==> flow/design.v <==
module ex_rf_rtl #(
    parameter NWORDS = 64,
    parameter W = 2,
    parameter ADDR_WIDTH = $clog2(NWORDS)
) (
    input  clock,
    input  wr,
    input  [ADDR_WIDTH-1:0] wr_addr,
    input  [W-1:0] wr_data,
    input  [ADDR_WIDTH-1:0] raddr1,
    input  [ADDR_WIDTH-1:0] raddr2,
    output [W-1:0] q1,
    output [W-1:0] q2
);
    reg wr_r;
    reg [ADDR_WIDTH-1:0] wr_addr_r;
    reg [W-1:0] wr_data_r;
    reg [W-1:0] ram [NWORDS-1:0];
    always @(posedge clock) begin
        if (wr_r)
            ram[wr_addr_r] <= wr_data_r;
    end
    reg [ADDR_WIDTH-1:0] raddr1_r;
    reg [ADDR_WIDTH-1:0] raddr2_r;
    assign q1 = (wr_r && wr_addr_r == raddr1_r) ? wr_data_r : ram[raddr1_r];
    assign q2 = (wr_r && wr_addr_r == raddr2_r) ? wr_data_r : ram[raddr2_r];
    always @(posedge clock) begin
        wr_r <= wr;
        wr_addr_r <= wr_addr;
        wr_data_r <= wr_data;
        raddr1_r <= raddr1;
        raddr2_r <= raddr2;
    end
endmodule
Lab notebook: ex_rf_rtl

Reports on ex_rf_rtl

Module ex_rf_rtl in several versions that differ in "W"; each step lists the members.
The file above is the member W 2. Line numbers count from 1 in each member's own file.
Cell names lack the library's common part.
The mark -- stands for no value.

Top: ex_rf_rtl
Clock: clock
Library: sky130hd
Corner: tt_025C_1v80

Source of the members

Lines of each other member's file that are new or changed against the file above; lines that a member lacks are not shown.

Lines new or changed:

| W  | RTL line | RTL |
| 6  | 3        | `parameter W = 6,` |
| 16 | 3        | `parameter W = 16,` |
| 24 | 3        | `parameter W = 24,` |

Elaborated design

Counts by Yosys on the flattened word-level netlist (proc, flatten, opt, wreduce; memories kept). Print and check cells are left out. Cells with the same type and inputs are merged into one.
Yosys's memory passes give these memory sizes; they may raise the number of words (mostly to a power of two), join words into wider ones and drop unused or constant bits.

Cells by class:

| W  | eq/ne operators | muxes and demuxes | reduce/logical cells |
| 2  | 2               | 5                 | 2 |
| 6  | 2               | 5                 | 2 |
| 16 | 2               | 5                 | 2 |
| 24 | 2               | 5                 | 2 |

Operators by type and width:

| W  | kind and count |
| 2  | 6-bit == test: 2; 6-bit 2-to-1 mux: 1; 2-bit 2-to-1 mux: 3; 1-bit logical AND: 2; 1-bit 2-to-1 mux: 1 |
| 6  | 6-bit 2-to-1 mux: 4; 6-bit == test: 2; 1-bit logical AND: 2; 1-bit 2-to-1 mux: 1 |
| 16 | 16-bit 2-to-1 mux: 3; 6-bit == test: 2; 6-bit 2-to-1 mux: 1; 1-bit logical AND: 2; 1-bit 2-to-1 mux: 1 |
| 24 | 24-bit 2-to-1 mux: 3; 6-bit == test: 2; 6-bit 2-to-1 mux: 1; 1-bit logical AND: 2; 1-bit 2-to-1 mux: 1 |

Storage and ports:

| W  | register bits | memory bits (writable) | word width x clocked read ports | memory cells | input port bits | output and inout port bits | elaborated cells |
| 2  | 21            | 128                    | 4                               | 1            | 22              | 4                          | 15 |
| 6  | 25            | 384                    | 12                              | 1            | 26              | 12                         | 15 |
| 16 | 35            | 1024                   | 32                              | 1            | 36              | 32                         | 15 |
| 24 | 43            | 1536                   | 48                              | 1            | 44              | 48                         | 15 |

Memories:

| W  | words x width with read and write ports |
| 2  | ram 64 x 2 bit 2R1W |
| 6  | ram 64 x 6 bit 2R1W |
| 16 | ram 64 x 16 bit 2R1W |
| 24 | ram 64 x 24 bit 2R1W |

Logic depth

Depth = most cells in a row (Yosys ltp): at word level without a register or memory, in the mapped netlist without a sequential cell, where the memories' decode and read muxes count.

Depth:

| W  | depth after elaboration | ABC_AREA | gate-level depth with buffers | depth with buffers taken out |
| 2  | 3                       | 0        | 9                             | 6 |
| 6  | 3                       | 0        | 10                            | 6 |
| 16 | 3                       | 0        | 11                            | 6 |
| 24 | 3                       | 0        | 10                            | 5 |

Mapped cells and area

Source: synth_stat.txt of the flow (Yosys; design flattened, memories mapped). It holds for the ABC_AREA given above (unset counts as 0); a run with the other value may have another netlist.

Cells by type:

| W  | types with counts |
| 2  | edfxtp_1: 128; mux4_2: 31; mux2i_1: 66; dfxtp_1: 21; nor2_1: 75; a22oi_1: 25; mux4_1: 4; nand2_1: 24; nor2b_1: 11; buf_6: 6; xor2_1: 7; buf_2: 11; nand3_1: 10; nand4_1: 8; clkbuf_1: 13; xnor2_1: 5; a211oi_1: 5; buf_4: 5; [+63] |
| 6  | edfxtp_1: 384; mux2i_1: 235; mux4_2: 71; a22oi_1: 90; dfxtp_1: 25; mux4_1: 15; nor2_1: 76; buf_4: 28; nand3_1: 41; nand2_1: 41; a21oi_1: 28; buf_2: 28; nor2b_1: 22; a221oi_1: 12; clkbuf_1: 25; nand4_1: 15; o21ai_0: 17; a211oi_1: 10; [+76] |
| 16 | edfxtp_1: 1024; mux2i_1: 757; mux4_2: 152; a22oi_1: 344; nand3_1: 170; dfxtp_1: 35; nand2_1: 162; buf_2: 121; a21oi_1: 77; clkbuf_1: 93; nor2_1: 88; buf_4: 25; a32oi_1: 14; a41oi_1: 14; a211oi_1: 15; a31oi_1: 15; o21ai_0: 18; nor2b_1: 12; [+72] |
| 24 | edfxtp_1: 1536; mux2i_1: 1165; mux4_2: 214; a22oi_1: 557; nand3_1: 193; dfxtp_1: 43; buf_2: 154; clkbuf_1: 181; mux2_2: 47; a21oi_1: 92; a41o_1: 46; a211o_1: 46; o211ai_1: 46; nor2_1: 72; nand2_1: 66; o21ai_0: 29; buf_1: 30; xnor2_1: 10; [+77] |

A list marked [+n] leaves out that many cells.

Mapped netlist:

| W  | standard cells after synthesis | cell area after synthesis (sq um) | sequential part of the area (sq um) | flip-flops | buffers |
| 2  | 518                            | 7248.2                            | 4264.1                              | 149        | 37 |
| 6  | 1239                           | 19393.6                           | 12031.5                             | 409        | 93 |
| 16 | 3208                           | 49523.7                           | 31450.2                             | 1059       | 248 |
| 24 | 4604                           | 73629.4                           | 46985.1                             | 1579       | 372 |

Worst setup path after synthesis

Source: OpenSTA report_checks on the synthesized netlist (no wires, ideal clock, input and output delay 20% of the period each), path of least setup slack; recovery checks are left aside. Register names are those of the netlist, which keeps one name where synthesis merged equal registers.

Timing post-synthesis:

| W  | kind                     | from             | to             | period (ns) | path slack (ns) | stages | delay of the path (ns) | synthesis period reached (ns) |
| 2  | flip-flop to output port | reg raddr2_r[0]  | out q2[0]      | 2.75        | 0.441           | 9      | 1.759                  | 2.309 |
| 6  | flip-flop to output port | reg raddr2_r[0]  | out q2[1]      | 2.8         | 0.451           | 9      | 1.789                  | 2.349 |
| 16 | flip-flop to flip-flop   | reg wr_r         | mem ram[48][0] | 3.16        | 0.633           | 5      | 2.527                  | 2.527 |
| 24 | flip-flop to flip-flop   | reg wr_addr_r[5] | mem ram[48][0] | 3.95        | 0.793           | 5      | 3.156                  | 3.157 |

"delay of the path" is the arrival time less input delay plus setup time.
At an output port there is no setup time.
"stages" counts driving pins, that of a launching flip-flop among them; a cell with two outputs on the path counts twice.
"synthesis period reached" is the clock period less the worst setup slack; recovery checks do not enter. This is arithmetic on one report: input and output delays are still those of the set period (20% each).
Between the ends stands the longest chain of elaborated cells between them, by number of cells; it is not shown to be the way that was timed. Of several equally long chains one is given.
Each line given opens the expression or statement behind the cell; cells for indexed reads and writes are added by Yosys, which also makes memories of some case tables.

On the way, post-synthesis, W 2:
Length of the longest elaborated chain: 3

Ends and longest elaborated chain, post-synthesis, W 2:

| element            | RTL line | RTL |
| start: declaration | 24       | `reg [ADDR_WIDTH-1:0] raddr2_r;` |
| start: assignment  | 32       | `raddr2_r <= raddr2;` |
| 6-bit == test      | 26       | `assign q2 = (wr_r && wr_addr_r == raddr2_r) ? wr_data_r : ram[raddr2_r];` |
| 1-bit logical AND  | 26       |  |
| 2-bit 2-to-1 mux   | 26       |  |
| end: declaration   | 13       | `output [W-1:0] q2` |

On the way, post-synthesis, W 24:
Length of the longest elaborated chain: 1

Ends and longest elaborated chain, post-synthesis, W 24:

| element            | RTL line | RTL |
| start: declaration | 16       | `reg [ADDR_WIDTH-1:0] wr_addr_r;` |
| start: assignment  | 29       | `wr_addr_r <= wr_addr;` |
| 6-bit 2-to-1 mux   | 20       | `if (wr_r)` |
| end: declaration   | 18       | `reg [W-1:0] ram [NWORDS-1:0];` |

Path in the finished layout

From the final timing report of the run of each member: the path of least setup slack in the routed layout; clock arrival at registers is part of the times.

Timing after layout:

| W  | kind                     | from            | to         | period (ns) | path slack (ns) | stages | arrival (ns) | buffers on the path |
| 2  | flip-flop to output port | reg raddr1_r[0] | out q1[0]  | 2.75        | -0.21           | 9      | 2.41         | 3 |
| 6  | flip-flop to output port | reg raddr2_r[0] | out q2[5]  | 2.8         | -0.57           | 10     | 2.81         | 3 |
| 16 | flip-flop to output port | reg raddr1_r[2] | out q1[13] | 3.16        | -0.59           | 11     | 3.12         | 4 |
| 24 | flip-flop to output port | reg raddr2_r[2] | out q2[5]  | 3.95        | -0.21           | 11     | 3.37         | 5 |

Flow runs

One run of the flow (Yosys, OpenROAD) for each member, with settings and measured results. Input and output delays are each 20% of the period that was set; the output load is 0.01 pF.

CAP_MARGIN: 20
CORE_MARGIN: 2
CORE_UTILIZATION: 40
SLEW_MARGIN: 20

Settings by member:

| W  | period_ns |
| 2  | 2.75 |
| 6  | 2.8 |
| 16 | 3.16 |
| 24 | 3.95 |

Results:

| W  | mapped cell area after synthesis (sq um) | area inside the die boundary (sq um) | standard-cell area after routing (sq um) | final design utilization | worst setup slack after layout (ns) | sum of negative setup slack (ns) | final worst hold slack (ns) | power consumption (W) | period reached (ns) |
| 2  | 7248.2                                   | 19212.7                              | 9166.3                                   | 0.514                    | -0.208                              | -0.724                           | 0.548                       | 0.005464              | 2.958 |
| 6  | 19393.6                                  | 50261.2                              | 24745.0                                  | 0.517                    | -0.572                              | -5.326                           | 0.421                       | 0.014192              | 3.372 |
| 16 | 49523.7                                  | 126640.0                             | 65510.3                                  | 0.531                    | -0.588                              | -14.274                          | 0.343                       | 0.033035              | 3.748 |
| 24 | 73629.4                                  | 187519.0                             | 92227.2                                  | 0.504                    | -0.206                              | -2.857                           | 0.393                       | 0.039256              | 4.156 |

By "period reached" is meant the clock period of the run minus its worst setup slack. This is arithmetic on one report: input and output delays are still those of the set period (20% each).
By "power consumption" is meant OpenSTA's value without simulated activity: inputs other than the clock are taken to toggle once in ten clock periods, and the tool carries that through the logic.
